==> flow/design.v <==
module gen_order #(
  parameter integer W = 128
) (
  input logic i_clk,
  input logic RSTN,
  input logic [W-1:0] src1_i,
  input logic [W-1:0] src2_i,
  output logic is_gt_o,
  output logic is_lt_o
);
  logic [W-1:0] src1_ff;
  always_ff @(posedge i_clk or negedge RSTN) begin
    if (!RSTN) begin
      src1_ff <= '0;
    end else begin
      src1_ff <= src1_i;
    end
  end
  logic [W-1:0] src2_ff;
  always_ff @(posedge i_clk or negedge RSTN) begin
    if (!RSTN) begin
      src2_ff <= '0;
    end else begin
      src2_ff <= src2_i;
    end
  end
  logic g;
  logic l;
  always_comb begin
    g = 1'b0;
    l = 1'b0;
    for (int idx = W-1; idx >= 0; idx = idx - 1) begin
      if (!g && !l) begin
        g = src1_ff[idx] & ~src2_ff[idx];
        l = ~src1_ff[idx] & src2_ff[idx];
      end
    end
  end
  assign is_gt_o = g;
  assign is_lt_o = l;
endmodule
Reports on gen_order
What the tools print for gen_order, step after step.
Lines are those of the file above, counted from 1.
Operators carry their Yosys type and port widths (W data, S select, Z words).
Cell names lack the library's common part.
A cell with -- has no value.

design
  top module = gen_order
  clock input = i_clk
  standard-cell library = sky130hd
  timing corner = tt_025C_1v80

Word-level counts
Counts by Yosys on the flattened word-level netlist (proc, flatten, opt, wreduce; memories kept). Register bits leave out memories and registers merged into their read ports (data or address); mux counts leave out enables and synchronous resets folded into registers. Print and check cells are left out. Cells with the same type and inputs are merged into one.

bit counts
  register bits after elaboration = 256
  output and inout port bits = 2

operators by class
  muxes and demuxes = 254
  bitwise operators = 512
  reduce/logical cells = 381

operator list
  kind                 count
  $and A1 B1 Y1        256
  $not A1 Y1           256
  $logic_not A1 Y1     254
  $mux W1              254
  $logic_and A1 B1 Y1  127

Longest topological paths
Yosys ltp: most cells in a row. Word level: on the elaborated netlist, between registers, memories and ports. Mapped: between sequential cells and ports; inverters and the memories' decode and read muxes count.

logic depth
  depth after elaboration = 383
  ABC_AREA = 0
  mapped depth = 10

Synthesis result
Yosys stat after the flow's synthesis: flattened, memories mapped to cells. It holds for the ABC_AREA given above (unset counts as 0); a run with the other value may have another netlist.
The area totals of this step are shown rounded.

cell types
  type      count  total area (um^2)
  dfrtp_1   256    6.41E+03
  maj3_1    106    1.06E+03
  nor2b_1   65     406.64
  nand2b_1  59     369.104
  inv_1     73     274.013
  a21oi_1   40     200.192
  maj3_2    11     123.869
  o21ai_0   23     115.11
  o21ai_1   15     75.072
  a21o_1    7      52.55
  o21bai_1  6      45.043
  nor2_1    10     37.536
  o31ai_1   5      37.536
  a221oi_1  4      35.034
  nand2_1   7      26.275
  ha_1      2      25.024
  a211oi_1  3      22.522
  a21boi_0  3      22.522

Other cell types: 26; their cells: 43.

synthesis totals
  mapped cells = 738
  synthesis area = 9660 um^2
  flip-flop cells = 256
  buffers = 0

Path before layout
Source: OpenSTA report_checks on the synthesized netlist (no wires, ideal clock, input and output delay 20% of the period each), path of least setup slack; recovery checks are left aside. Register names are those of the netlist, which keeps one name where synthesis merged equal registers.

timing path after synthesis
  kind = register to output
  start point = reg src1_ff[22]
  end point = out is_lt_o
  period = 3.63 ns
  external output delay = 0.726 ns
  data arrival time = 2.323 ns
  required time = 2.904 ns
  path slack = 0.581 ns
  path delay = 2.323 ns
  driving pins on the path = 10
  path buffers = 0
  synthesis period reached = 3.049 ns

"path delay" is the arrival time less input delay plus setup time.
A path that ends at an output port has no setup time.
"driving pins on the path": output pins that drive a net of the path, with the launching flip-flop's if there is one; two outputs of one cell count as two.
"synthesis period reached" = period - worst setup slack (recovery checks aside). The figure is calculated, with input and output delays left at 20% of the set period.
Between the ends stands the longest chain of elaborated cells between them, by number of cells; it is not shown to be the way that was timed. Of several equally long chains one is given.
A line is the first line of the expression or statement that the cell stems from. Yosys adds cells for indexed reads and writes and turns some case tables into memories.

on the way, after synthesis
  path through = dfrtp_1 nand2b_1 maj3_2 maj3_2 a21o_1 a2111o_1 a211oi_2 a211oi_1 o311ai_1 a21o_1
  length of the longest elaborated chain = 69

RTL lines, path after synthesis
  element              line  text
  start: declaration   11    logic [W-1:0] src1_ff;
  start: assignment    14    src1_ff <= '0;
  start: assignment    16    src1_ff <= src1_i;
  $not A1 Y1           35    l = ~src1_ff[idx] & src2_ff[idx];
  $and A1 B1 Y1        35
  $mux W1              33    if (!g && !l) begin
  $logic_not A1 Y1     33
  $logic_and A1 B1 Y1  33
  $mux W1              33
  $logic_not A1 Y1     33
  (+55 left out)       --
  $mux W1              33
  $logic_not A1 Y1     33
  $logic_and A1 B1 Y1  33
  $mux W1              33
  $logic_not A1 Y1     33
  $logic_and A1 B1 Y1  33
  $mux W1              33
  end: declaration     9     output logic is_lt_o

Path in the finished layout
From the final timing report of stored run 1: the path of least setup slack in the routed layout; clock arrival at registers is part of the times.

timing path post-layout
  kind = register to output
  start point = reg src2_ff[50]
  end point = out is_lt_o
  period = 4.75 ns
  external output delay = 0.95 ns
  data arrival time = 3.43 ns
  required time = 3.80 ns
  path slack = 0.37 ns
  driving pins on the path = 11
  path buffers = 1

Between the ends stands the longest chain of elaborated cells between them, by number of cells; it is not shown to be the way that was timed. Of several equally long chains one is given.

on the way, post-layout
  path through = dfrtp_1 nor2b_1 maj3_1 maj3_1 maj3_2 a21oi_1 nand3_1 a21boi_1 o311ai_2 a21o_1 dlymetal6s2s_1
  length of the longest elaborated chain = 153

RTL lines, path post-layout
  element              line  text
  start: declaration   19    logic [W-1:0] src2_ff;
  start: assignment    22    src2_ff <= '0;
  start: assignment    24    src2_ff <= src2_i;
  $not A1 Y1           34    g = src1_ff[idx] & ~src2_ff[idx];
  $and A1 B1 Y1        34
  $mux W1              33    if (!g && !l) begin
  $logic_not A1 Y1     33
  $logic_and A1 B1 Y1  33
  $mux W1              33
  $logic_not A1 Y1     33
  (+139 left out)      --
  $mux W1              33
  $logic_not A1 Y1     33
  $logic_and A1 B1 Y1  33
  $mux W1              33
  $logic_not A1 Y1     33
  $logic_and A1 B1 Y1  33
  $mux W1              33
  end: declaration     9     output logic is_lt_o

==> results <==
Module gen_order, platform sky130hd: 3 stored runs of the flow (Yosys, OpenROAD) with differing settings, in no particular order. Input and output delays are each 20% of the period that was set; the output load is 0.01 pF.
"time of the worst setup path" = time allowed to the worst setup path (clock period - input delay - output delay, where it has them) - its slack; a late launch clock adds to it, a late capture clock takes from it.
Measured values are rounded.
Settings: n/a = not set for that run.

name                                           stored run 1        stored run 2        stored run 3
period_ns                                      4.75                2.5                 3.63
CORE_UTILIZATION                               66                  19                  40
SETUP_SLACK_MARGIN                             0.03                0.28                n/a
PLACE_DENSITY_LB_ADDON                         0.17                0.11                n/a
TNS_END_PERCENT                                50                  65                  n/a
GPL_TIMING_DRIVEN                              0                   1                   n/a
CTS_CLUSTER_SIZE                               74                  n/a                 n/a
CTS_CLUSTER_DIAMETER                           259                 n/a                 n/a
CAP_MARGIN                                     25                  20                  20
MIN_ROUTING_LAYER                              met1                met2                n/a
CORE_MARGIN                                    2                   2                   2
SLEW_MARGIN                                    20                  20                  20
HOLD_SLACK_MARGIN                              n/a                 0.24                n/a
CELL_PAD_IN_SITES_DETAIL_PLACEMENT             n/a                 2                   n/a
MAX_ROUTING_LAYER                              n/a                 met4                n/a
time of the worst setup path (ns)              3.43                3.37                3.14
type of the worst setup path                   register to output  register to output  register to output
die area (um^2)                                15600               52600               25400
standard-cell area of the final layout (um^2)  12800               14800               13900
area of the synthesized netlist (um^2)         9660                9660                9660
final setup TNS (ns)                           0.000               -2.73               -0.433
setup slack of the worst path (ns)             0.371               -1.37               -0.236
utilization after routing (%)                  88.6                29.4                58.7
